==> flow/design.v <==
module ex_scratch #(
    parameter D = 10,
    parameter DATA_WIDTH = 12,
    parameter RPORTS = 1,
    parameter WPORTS = 6,
    parameter ADDR_W = $clog2(D)
) (
    input logic ck,
    input logic [WPORTS-1:0] load_in,
    input logic [WPORTS*ADDR_W-1:0] wr_addr_in,
    input logic [WPORTS*DATA_WIDTH-1:0] din_in,
    input logic [RPORTS*ADDR_W-1:0] raddr_in,
    output logic [RPORTS*DATA_WIDTH-1:0] rd_out
);
    logic [DATA_WIDTH-1:0] store [0:D-1];
    always_ff @(posedge ck) begin
        for (int k = 0; k < WPORTS; k++)
            if (load_in[k]) store[wr_addr_in[k*ADDR_W +: ADDR_W]] <= din_in[k*DATA_WIDTH +: DATA_WIDTH];
    end
    logic [RPORTS*DATA_WIDTH-1:0] val;
    for (genvar gj = 0; gj < RPORTS; gj++) begin : row
        assign val[gj*DATA_WIDTH +: DATA_WIDTH] = store[raddr_in[gj*ADDR_W +: ADDR_W]];
    end
    always_ff @(posedge ck)
        rd_out <= val;
endmodule
Step by step through the tools: ex_scratch
Tool output for the design above, in the order of the flow.
Lines are those of the file above, counted from 1.
{ "setup": {"top": "ex_scratch", "clock": "ck", "cell_library": "sky130hd", "corner": "tt_025C_1v80"} }

Word-level counts
Yosys after proc, flatten, opt, wreduce and memory -nomap, before mapping. Enables and synchronous resets that opt folds into registers are not counted as muxes. Memory bits, and registers merged into a memory's read port (data or address), are not among the register bits. Print and check cells are not counted. Equal cells are merged and count once.
Memory sizes are those after Yosys's memory passes, which may raise the word count (mostly to a power of two), join words into wider ones and drop unused or constant bits.
{ "word_totals": {"ff_bits": 0, "latch_bits": 0, "mem_bits_rw": 120, "rom_bits": 0, "clocked_rd_ports_x_width": 12, "n_memories": 1, "inputBits": 107, "out_inout_bits": 12, "wordCells": 19} }
{ "mem_list": {"columns": ["memory", "words", "width", "rd", "wr", "line_no", "text"], "rows": [
  ["store", 10, 12, 1, 6, 15, "logic [DATA_WIDTH-1:0] store [0:D-1];"]
]} }
{ "classes": {"add_sub_neg": 0, "multipliers": 0, "div": 0, "compare": 0, "eq_ne": 0, "shifts": 0, "mux": 18, "logic": 0, "reduce_logical": 0} }
{ "ops": {"columns": ["op", "n"], "rows": [
  ["two-way mux 12 bit", 6],
  ["two-way mux 4 bit", 6],
  ["two-way mux 1 bit", 6]
]} }

Logic depth
Yosys ltp: most cells in a row. Word level: on the elaborated netlist, between registers, memories and ports. Mapped: between sequential cells and ports; inverters and the memories' decode and read muxes count.
{ "logic_depth": {"word_depth": 1, "abc_area": 0, "depth_mapped": 8, "mapped_depth_nobuf": 5} }

Netlist
Yosys stat after the flow's synthesis: flattened, memories mapped to cells. It holds for the ABC_AREA given above (unset counts as 0); a run with the other value may have another netlist.
{ "synth_totals": {"cells": 1429, "area_um2": 11579.9, "seq_area_um2": 3843.7, "ffs": 132, "n_buf": 193} }
{ "types": {"columns": ["cell_type", "n", "type_area_um2"], "rows": [
  ["sky130_fd_sc_hd__edfxtp_1", 120, 3.6E+03],
  ["sky130_fd_sc_hd__nand2_1", 189, 709.43],
  ["sky130_fd_sc_hd__a211oi_1", 78, 585.562],
  ["sky130_fd_sc_hd__mux4_2", 24, 540.518],
  ["sky130_fd_sc_hd__nor2_1", 136, 510.49],
  ["sky130_fd_sc_hd__clkbuf_1", 129, 484.214],
  ["sky130_fd_sc_hd__a31oi_1", 65, 406.64],
  ["sky130_fd_sc_hd__o22ai_1", 65, 406.64],
  ["sky130_fd_sc_hd__a21oi_1", 68, 340.326],
  ["sky130_fd_sc_hd__o21ai_0", 68, 340.326],
  ["sky130_fd_sc_hd__a311o_1", 25, 250.24],
  ["sky130_fd_sc_hd__dfxtp_1", 12, 240.23],
  ["sky130_fd_sc_hd__nand3_1", 47, 235.226],
  ["sky130_fd_sc_hd__and3_1", 36, 225.216],
  ["sky130_fd_sc_hd__buf_2", 45, 225.216],
  ["sky130_fd_sc_hd__mux2i_1", 21, 210.202],
  ["sky130_fd_sc_hd__o31ai_1", 25, 187.68],
  ["sky130_fd_sc_hd__o32ai_1", 21, 183.926]
]} }
Not listed: further types 46, cells in them 255.

Worst setup path after synthesis
OpenSTA on the mapped netlist: ideal clock, no wires. The path of least setup slack (recovery checks aside). Input and output delay are each 20% of the period. Register names are those of the netlist, which keeps one name where synthesis merged equal registers.
{ "synth_path": {"path_type": "input-to-reg", "startpoint": "in wr_addr_in[14]", "endpoint": "mem store[3][0]", "period_ns": 2.85, "in_delay_ns": 0.570, "setup_ns": 0.365, "launch_ns": 0.570, "arrival_time_ns": 2.026, "required_time_ns": 2.485, "path_slack_ns": 0.459, "delay_ns": 1.821, "driving_pins": 6, "path_buffers": 2, "period_less_setup_slack_ns": 2.391} }
"delay_ns" = arrival - input delay + setup time.
"driving_pins" counts driving pins, that of a launching flip-flop among them; a cell with two outputs on the path counts twice.
"period_less_setup_slack_ns" = period - worst setup slack (recovery checks aside). The figure is calculated, with input and output delays left at 20% of the set period.
Between the ends stands the longest chain of elaborated cells between them, by number of cells; it is not shown to be the way that was timed. Of several equally long chains one is given.
A line is the first line of the expression or statement that the cell stems from. Yosys adds cells for indexed reads and writes and turns some case tables into memories.
{ "synth_via": {"cell_sequence": "sky130_fd_sc_hd__or3b_1 -> sky130_fd_sc_hd__buf_2 -> sky130_fd_sc_hd__nor2_2 -> sky130_fd_sc_hd__clkbuf_1 -> sky130_fd_sc_hd__nor2_1 -> sky130_fd_sc_hd__nand4_1", "elab_chain_len": 1, "cells_between": 1, "cone_lines": 1, "classes_between": "mux (1)"} }
{ "synth_rtl": {"columns": ["item", "line_no", "text"], "rows": [
  ["start: declaration", 10, "input logic [WPORTS*ADDR_W-1:0] wr_addr_in,"],
  ["two-way mux 4 bit", 18, "if (load_in[k]) store[wr_addr_in[k*ADDR_W +: ADDR_W]] <= din_in[k*DATA_WIDTH +: DATA_WIDTH];"],
  ["end: declaration", 15, "logic [DATA_WIDTH-1:0] store [0:D-1];"]
]} }

Worst path after layout
From the final timing report of run A: the path of least setup slack in the routed layout; clock arrival at registers is part of the times.
{ "layout_path": {"path_type": "input-to-reg", "startpoint": "in din_in[13]", "endpoint": "mem store[5][1]", "period_ns": 2.64, "in_delay_ns": 0.53, "setup_ns": 0.20, "launch_ns": 0.53, "arrival_time_ns": 2.32, "required_time_ns": 2.86, "path_slack_ns": 0.54, "driving_pins": 7, "path_buffers": 2} }
Between the ends stands the longest chain of elaborated cells between them, by number of cells; it is not shown to be the way that was timed. Of several equally long chains one is given.
{ "layout_via": {"cell_sequence": "sky130_fd_sc_hd__clkdlybuf4s50_1 -> sky130_fd_sc_hd__nor2b_2 -> sky130_fd_sc_hd__nand2_1 -> sky130_fd_sc_hd__a31oi_1 -> sky130_fd_sc_hd__buf_4 -> sky130_fd_sc_hd__a211oi_1 -> sky130_fd_sc_hd__o31ai_1", "elab_chain_len": 1, "cells_between": 1, "cone_lines": 1, "classes_between": "mux (1)"} }
{ "layout_rtl": {"columns": ["item", "line_no", "text"], "rows": [
  ["start: declaration", 11, "input logic [WPORTS*DATA_WIDTH-1:0] din_in,"],
  ["two-way mux 12 bit", 18, "if (load_in[k]) store[wr_addr_in[k*ADDR_W +: ADDR_W]] <= din_in[k*DATA_WIDTH +: DATA_WIDTH];"],
  ["end: declaration", 15, "logic [DATA_WIDTH-1:0] store [0:D-1];"]
]} }

Subject: ex_scratch on sky130hd, stored results

Hello all,

Top module ex_scratch; platform sky130hd; tools Yosys and OpenROAD; 3 stored runs in no particular order. Input and output delays are each 20% of the period that was set; the output load is 0.01 pF.
"period_less_ws_ns" means the clock period less the worst setup slack. The figure is calculated, with input and output delays left at 20% of the set period.
"worst_setup_path_time_ns" is the time allowed to the run's worst setup path (the clock period less input and output delay, where it has them) less its slack. Clock arrival times count: a late capture clock shortens it, a late launch clock lengthens it.
[
  {
    "run": "run A",
    "settings": { "period_ns": 2.64, "CORE_UTILIZATION": 32, "SETUP_SLACK_MARGIN": 0.55, "PLACE_DENSITY_LB_ADDON": 0.2, "CORE_MARGIN": 7, "ABC_AREA": 0, "GPL_TIMING_DRIVEN": 1, "GPL_ROUTABILITY_DRIVEN": 0, "CTS_CLUSTER_DIAMETER": 255, "SLEW_MARGIN": 15, "CAP_MARGIN": 20 },
    "results": { "synth_chip_area_um2": 11579.9, "period_less_ws_ns": 2.098, "die_footprint_um2": 41709.9, "worst_setup_slack_ns": 0.542, "cell_area_final_um2": 16377.0, "final_setup_tns_ns": 0.000, "worst_setup_path_time_ns": 1.57, "critical_path_type": "input-to-reg", "worst_hold_slack_ns": 0.555 }
  },
  {
    "run": "run B",
    "settings": { "period_ns": 2.85, "CAP_MARGIN": 20, "CORE_MARGIN": 2, "CORE_UTILIZATION": 40, "SLEW_MARGIN": 20 },
    "results": { "worst_hold_slack_ns": 0.544, "die_footprint_um2": 30326.5, "final_setup_tns_ns": 0.000, "worst_setup_slack_ns": 0.329, "period_less_ws_ns": 2.521, "synth_chip_area_um2": 11579.9, "cell_area_final_um2": 15033.2, "worst_setup_path_time_ns": 1.95, "critical_path_type": "input-to-reg" }
  },
  {
    "run": "run C",
    "settings": { "period_ns": 1.69, "CORE_UTILIZATION": 25, "SETUP_SLACK_MARGIN": -0.16, "PLACE_DENSITY": 0.81, "CORE_ASPECT_RATIO": 1.32, "CELL_PAD_IN_SITES_GLOBAL_PLACEMENT": 3, "TNS_END_PERCENT": 100, "GPL_TIMING_DRIVEN": 1, "CTS_CLUSTER_SIZE": 59, "CTS_CLUSTER_DIAMETER": 151, "CAP_MARGIN": 5, "SLEW_MARGIN": 5, "MAX_ROUTING_LAYER": "met4", "CORE_MARGIN": 2 },
    "results": { "worst_hold_slack_ns": 0.563, "final_setup_tns_ns": -16.204, "die_footprint_um2": 48074.2, "worst_setup_slack_ns": -0.181, "period_less_ws_ns": 1.871, "cell_area_final_um2": 18457.7, "synth_chip_area_um2": 11579.9, "worst_setup_path_time_ns": 1.53, "critical_path_type": "input-to-reg" }
  }
]

Thanks
